==> flow/design.v <==
module dp_mplex_v2 #(
    parameter XLEN = 16
) (
    input  clock,
    input  srst,
    input  [XLEN-1:0] ch_0_in,
    input  [XLEN-1:0] ch_1_in,
    input  [XLEN-1:0] ch_2_in,
    input  [XLEN-1:0] ch_3_in,
    input  [XLEN-1:0] ch_4_in,
    input  [XLEN-1:0] ch_5_in,
    input  [4:0] addr_in,
    output [XLEN-1:0] result_out
);
    reg [XLEN-1:0] ch_0_r;
    reg [XLEN-1:0] ch_1_r;
    reg [XLEN-1:0] ch_2_r;
    reg [XLEN-1:0] ch_3_r;
    reg [XLEN-1:0] ch_4_r;
    reg [XLEN-1:0] ch_5_r;
    reg [4:0] addr_r;
    reg [XLEN-1:0] work;
    always @(*) begin
        casez (addr_r)
            5'b????1: work = ch_0_r;
            5'b???10: work = ch_1_r;
            5'b??100: work = ch_2_r;
            5'b?1000: work = ch_3_r;
            5'b10000: work = ch_4_r;
            default: work = ch_5_r;
        endcase
    end
    assign result_out = work;
    always @(posedge clock) begin
        if (srst) begin
            ch_0_r <= 0;
            ch_1_r <= 0;
            ch_2_r <= 0;
            ch_3_r <= 0;
            ch_4_r <= 0;
            ch_5_r <= 0;
            addr_r <= 0;
        end else begin
            ch_0_r <= ch_0_in;
            ch_1_r <= ch_1_in;
            ch_2_r <= ch_2_in;
            ch_3_r <= ch_3_in;
            ch_4_r <= ch_4_in;
            ch_5_r <= ch_5_in;
            addr_r <= addr_in;
        end
    end
endmodule
# Reports on dp_mplex_v2
# Tool output for the design above, in the order of the flow.
# Line numbers count from 1 in the design file above.
# Operators: Yosys type, input widths -> output width; for muxes data width and select width s.
# Cell names lack the library's common part.
# The mark -- stands for no value.
[setup]
top_module = "dp_mplex_v2"
clk_port = "clock"
cell_library = "sky130hd"
corner = "tt_025C_1v80"

# After elaboration
# Source: Yosys, flattened and elaborated, memories not mapped. Widths are those after wreduce; folded enables and synchronous resets count as part of the registers. Registers that Yosys merges into a memory's read port (data or address) are not register bits. Print and check cells do not count. Equal cells are merged and count once.
[op_classes]
add_sub_neg = 0
mul = 0
n_div = 0
n_cmp = 0
eq_ne = 4
shift = 0
n_mux = 1
bitwise = 0
reduce_logical = 0
[ops]
columns = ["op", "count"]
rows = [
  ["$pmux 16 s5", 1],
  ["$eq 5x5->1 const B", 1],
  ["$eq 4x4->1 const B", 1],
  ["$eq 3x3->1 const B", 1],
  ["$eq 2x2->1 const B", 1],
]
[bits]
ff_bits = 101
latchBits = 0
ramBits = 0
romBits = 0
clocked_rd_ports_x_width = 0
mem_count = 0
input_bits = 103
output_inout_bits = 16
elab_cells = 12

# Logic depth
# Yosys ltp: most cells in a row. Word level: on the elaborated netlist, between registers, memories and ports. Mapped: between sequential cells and ports; inverters and the memories' decode and read muxes count.
[depth]
depth_word = 2
ABC_AREA = 0
depth_mapped = 6
mapped_depth_nobuf = 3

# Netlist
# The flow's flattened synthesis, as Yosys stat reports it; memories are mapped. The netlist is that of the ABC_AREA named above (0 if unset); the other value can give another one.
# The area totals of this step are shown rounded.
[mapped]
cell_count = 342
mapped_area_um2 = 3570
seqArea_um2 = 2020
ff_cells = 101
buf_cells = 25
[by_type]
columns = ["cell_type", "count", "type_area_um2"]
rows = [
  ["dfxtp_1", 101, 2.02E+03],
  ["nor2b_1", 101, 631.856],
  ["a22o_1", 16, 140.134],
  ["a2bb2oi_1", 16, 140.134],
  ["a22oi_1", 16, 120.115],
  ["nand3b_1", 16, 120.115],
  ["nand2b_1", 17, 106.352],
  ["a21oi_1", 16, 80.077],
  ["clkbuf_1", 19, 71.318],
  ["inv_1", 16, 60.058],
  ["buf_2", 5, 25.024],
  ["nor4b_4", 1, 23.773],
  ["nor4_4", 1, 21.27],
  ["buf_6", 1, 11.261],
]

# Worst setup path after synthesis
# Path of least setup slack by OpenSTA after synthesis, without wires, with an ideal clock, recovery checks aside; 20% of the period is set as input and as output delay. Where synthesis merged equal registers, the netlist keeps one of their names.
[synth_timing]
path_type = "reg2out"
startpoint = "register addr_r[0]"
endpoint = "output port result_out[0]"
clock_period_ns = 2.19
out_delay_ns = 0.438
launch_ns = 0.000
arrival_ns = 1.399
slack_ns = 0.353
delay_ns = 1.399
stages = 6
path_buffers = 2
synth_period_reached_ns = 1.837
# "delay_ns" = arrival - input delay + setup time.
# At an output port there is no setup time.
# "stages": output pins that drive a net of the path, with the launching flip-flop's if there is one; two outputs of one cell count as two.
# "synth_period_reached_ns" is the clock period less the worst setup slack; recovery checks do not enter. This is arithmetic on one report: input and output delays are still those of the set period (20% each).
# Between the ends stands the longest chain of elaborated cells between them, by number of cells; it is not shown to be the way that was timed. Of several equally long chains one is given.
# Each line given opens the expression or statement behind the cell; cells for indexed reads and writes are added by Yosys, which also makes memories of some case tables.
[synth_via]
path_cell_list = "dfxtp_1 > buf_2 > nor4_4 > buf_2 > a22oi_1 > a2bb2oi_1"
elab_chain_cells = 2
cells_between = 5
cone_classes = "4 x eq/ne; 1 x mux"
[synth_rtl]
columns = ["item", "line_no", "rtl"]
rows = [
  ["start, declared", 21, "reg [4:0] addr_r;"],
  ["start, assigned", 42, "addr_r <= 0;"],
  ["start, assigned", 50, "addr_r <= addr_in;"],
  ["$eq 5x5->1", 24, "casez (addr_r)"],
  ["$pmux 16 s5", 24, ""],
  ["end, declared", 13, "output [XLEN-1:0] result_out"],
]

# Path in the finished layout
# Path of least setup slack in the final report of entry A (OpenROAD, finished layout, wires in). Where an end is a register, its clock arrival counts in the times.
[layout_timing]
path_type = "reg2out"
startpoint = "register addr_r[0]"
endpoint = "output port result_out[5]"
clock_period_ns = 2.19
out_delay_ns = 0.44
launch_ns = 0.36
arrival_ns = 1.74
slack_ns = 0.01
stages = 6
path_buffers = 2
# Between the ends stands the longest chain of elaborated cells between them, by number of cells; it is not shown to be the way that was timed. Of several equally long chains one is given.
[layout_via]
path_cell_list = "dfxtp_4 > nor4_4 > nand2b_1 > buf_6 > a2bb2oi_2 > buf_2"
elab_chain_cells = 2
cells_between = 5
cone_classes = "4 x eq/ne; 1 x mux"
[layout_rtl]
columns = ["item", "line_no", "rtl"]
rows = [
  ["start, declared", 21, "reg [4:0] addr_r;"],
  ["start, assigned", 42, "addr_r <= 0;"],
  ["start, assigned", 50, "addr_r <= addr_in;"],
  ["$eq 5x5->1", 24, "casez (addr_r)"],
  ["$pmux 16 s5", 24, ""],
  ["end, declared", 13, "output [XLEN-1:0] result_out"],
]

Module dp_mplex_v2, platform sky130hd: 3 stored runs of the flow (Yosys, OpenROAD) with differing settings, in no particular order. Input and output delays are each 20% of the period that was set; the output load is 0.01 pF.
"period_less_ws_ns" means the clock period less the worst setup slack. The figure is calculated, with input and output delays left at 20% of the set period.
By "timing.worst_path_ns" is meant the share of the clock period that the worst setup path is allowed (20% is reserved at inputs, 20% at outputs), minus its slack. Clock arrival times at its registers enter into it.
"power.total_uw": no workload was simulated; the value follows from the tool's default switching activity.
The measured numbers are rounded.

# entry A
==> flow/run.sh <==
#!/bin/bash
# the make line also repeats the synthesis and layout settings of config.mk as NAME=value (left out here)
make -C /OpenROAD-flow-scripts/flow DESIGN_CONFIG=/design/flow/config.mk WORK_HOME=/design/flow/orfs CLKGATE_MAP_FILE= finish
==> flow/config.mk <==
export PLATFORM = sky130hd
export DESIGN_NAME = dp_mplex_v2
export DESIGN_NICKNAME = dp_mplex_v2
export VERILOG_FILES = /design/flow/design.v
export SDC_FILE = /design/flow/constraint.sdc
export NUM_CORES = 4
export LEC_CHECK = 0
export CAP_MARGIN = 20
export CORE_MARGIN = 2
export CORE_UTILIZATION = 40
export SLEW_MARGIN = 20
==> flow/constraint.sdc <==
create_clock -name core_clock -period 2.19 [get_ports {clock}]
set_input_delay 0.4380 -clock core_clock [delete_from_list [all_inputs] [get_ports {clock}]]
set_output_delay 0.4380 -clock core_clock [all_outputs]
set_load 0.01 [all_outputs]

==> entry A: results <==
period_less_ws_ns=2.177
final_hold_ws_ns=0.473
power.total_uw=3680
timing.setup.ws_ns=0.013
timing.worst_path_ns=1.74
worstPathKind="reg2out"
final_stdcell_area_um2=5180
design_die_area_um2=9710
tns_setup_ns=0.000
finish.utilization_pct=59.7
post_synth_area_um2=3570

# entry B
==> flow/run.sh <==
#!/bin/bash
# the make line also repeats the synthesis and layout settings of config.mk as NAME=value (left out here)
make -C /OpenROAD-flow-scripts/flow DESIGN_CONFIG=/design/flow/config.mk WORK_HOME=/design/flow/orfs CLKGATE_MAP_FILE= finish
==> flow/config.mk <==
export PLATFORM = sky130hd
export DESIGN_NAME = dp_mplex_v2
export DESIGN_NICKNAME = dp_mplex_v2
export VERILOG_FILES = /design/flow/design.v
export SDC_FILE = /design/flow/constraint.sdc
export NUM_CORES = 4
export LEC_CHECK = 0
export CAP_MARGIN = 10
export CELL_PAD_IN_SITES_GLOBAL_PLACEMENT = 0
export CORE_MARGIN = 7
export CORE_UTILIZATION = 67
export CTS_CLUSTER_DIAMETER = 175
export SLEW_MARGIN = 20
==> flow/constraint.sdc <==
create_clock -name core_clock -period 2.55 [get_ports {clock}]
set_input_delay 0.5100 -clock core_clock [delete_from_list [all_inputs] [get_ports {clock}]]
set_output_delay 0.5100 -clock core_clock [all_outputs]
set_load 0.01 [all_outputs]

==> entry B: results <==
outcome="stopped before the end: placement reported GPL-0301"

# entry C
==> flow/run.sh <==
#!/bin/bash
# the make line also repeats the synthesis and layout settings of config.mk as NAME=value (left out here)
make -C /OpenROAD-flow-scripts/flow DESIGN_CONFIG=/design/flow/config.mk WORK_HOME=/design/flow/orfs CLKGATE_MAP_FILE= finish
==> flow/config.mk <==
export PLATFORM = sky130hd
export DESIGN_NAME = dp_mplex_v2
export DESIGN_NICKNAME = dp_mplex_v2
export VERILOG_FILES = /design/flow/design.v
export SDC_FILE = /design/flow/constraint.sdc
export NUM_CORES = 4
export LEC_CHECK = 0
export ABC_AREA = 0
export CAP_MARGIN = 20
export CELL_PAD_IN_SITES_GLOBAL_PLACEMENT = 0
export CORE_ASPECT_RATIO = 0.62
export CORE_MARGIN = 2
export CORE_UTILIZATION = 33
export MAX_ROUTING_LAYER = met5
export PLACE_DENSITY_LB_ADDON = 0.19
export SETUP_SLACK_MARGIN = -0.08
export SLEW_MARGIN = 20
==> flow/constraint.sdc <==
create_clock -name core_clock -period 1.71 [get_ports {clock}]
set_input_delay 0.3420 -clock core_clock [delete_from_list [all_inputs] [get_ports {clock}]]
set_output_delay 0.3420 -clock core_clock [all_outputs]
set_load 0.01 [all_outputs]

==> entry C: results <==
period_less_ws_ns=2.051
final_hold_ws_ns=0.513
power.total_uw=5260
timing.setup.ws_ns=-0.341
timing.worst_path_ns=1.71
worstPathKind="reg2out"
final_stdcell_area_um2=5430
design_die_area_um2=11700
tns_setup_ns=-4.91
finish.utilization_pct=52.3
post_synth_area_um2=3570
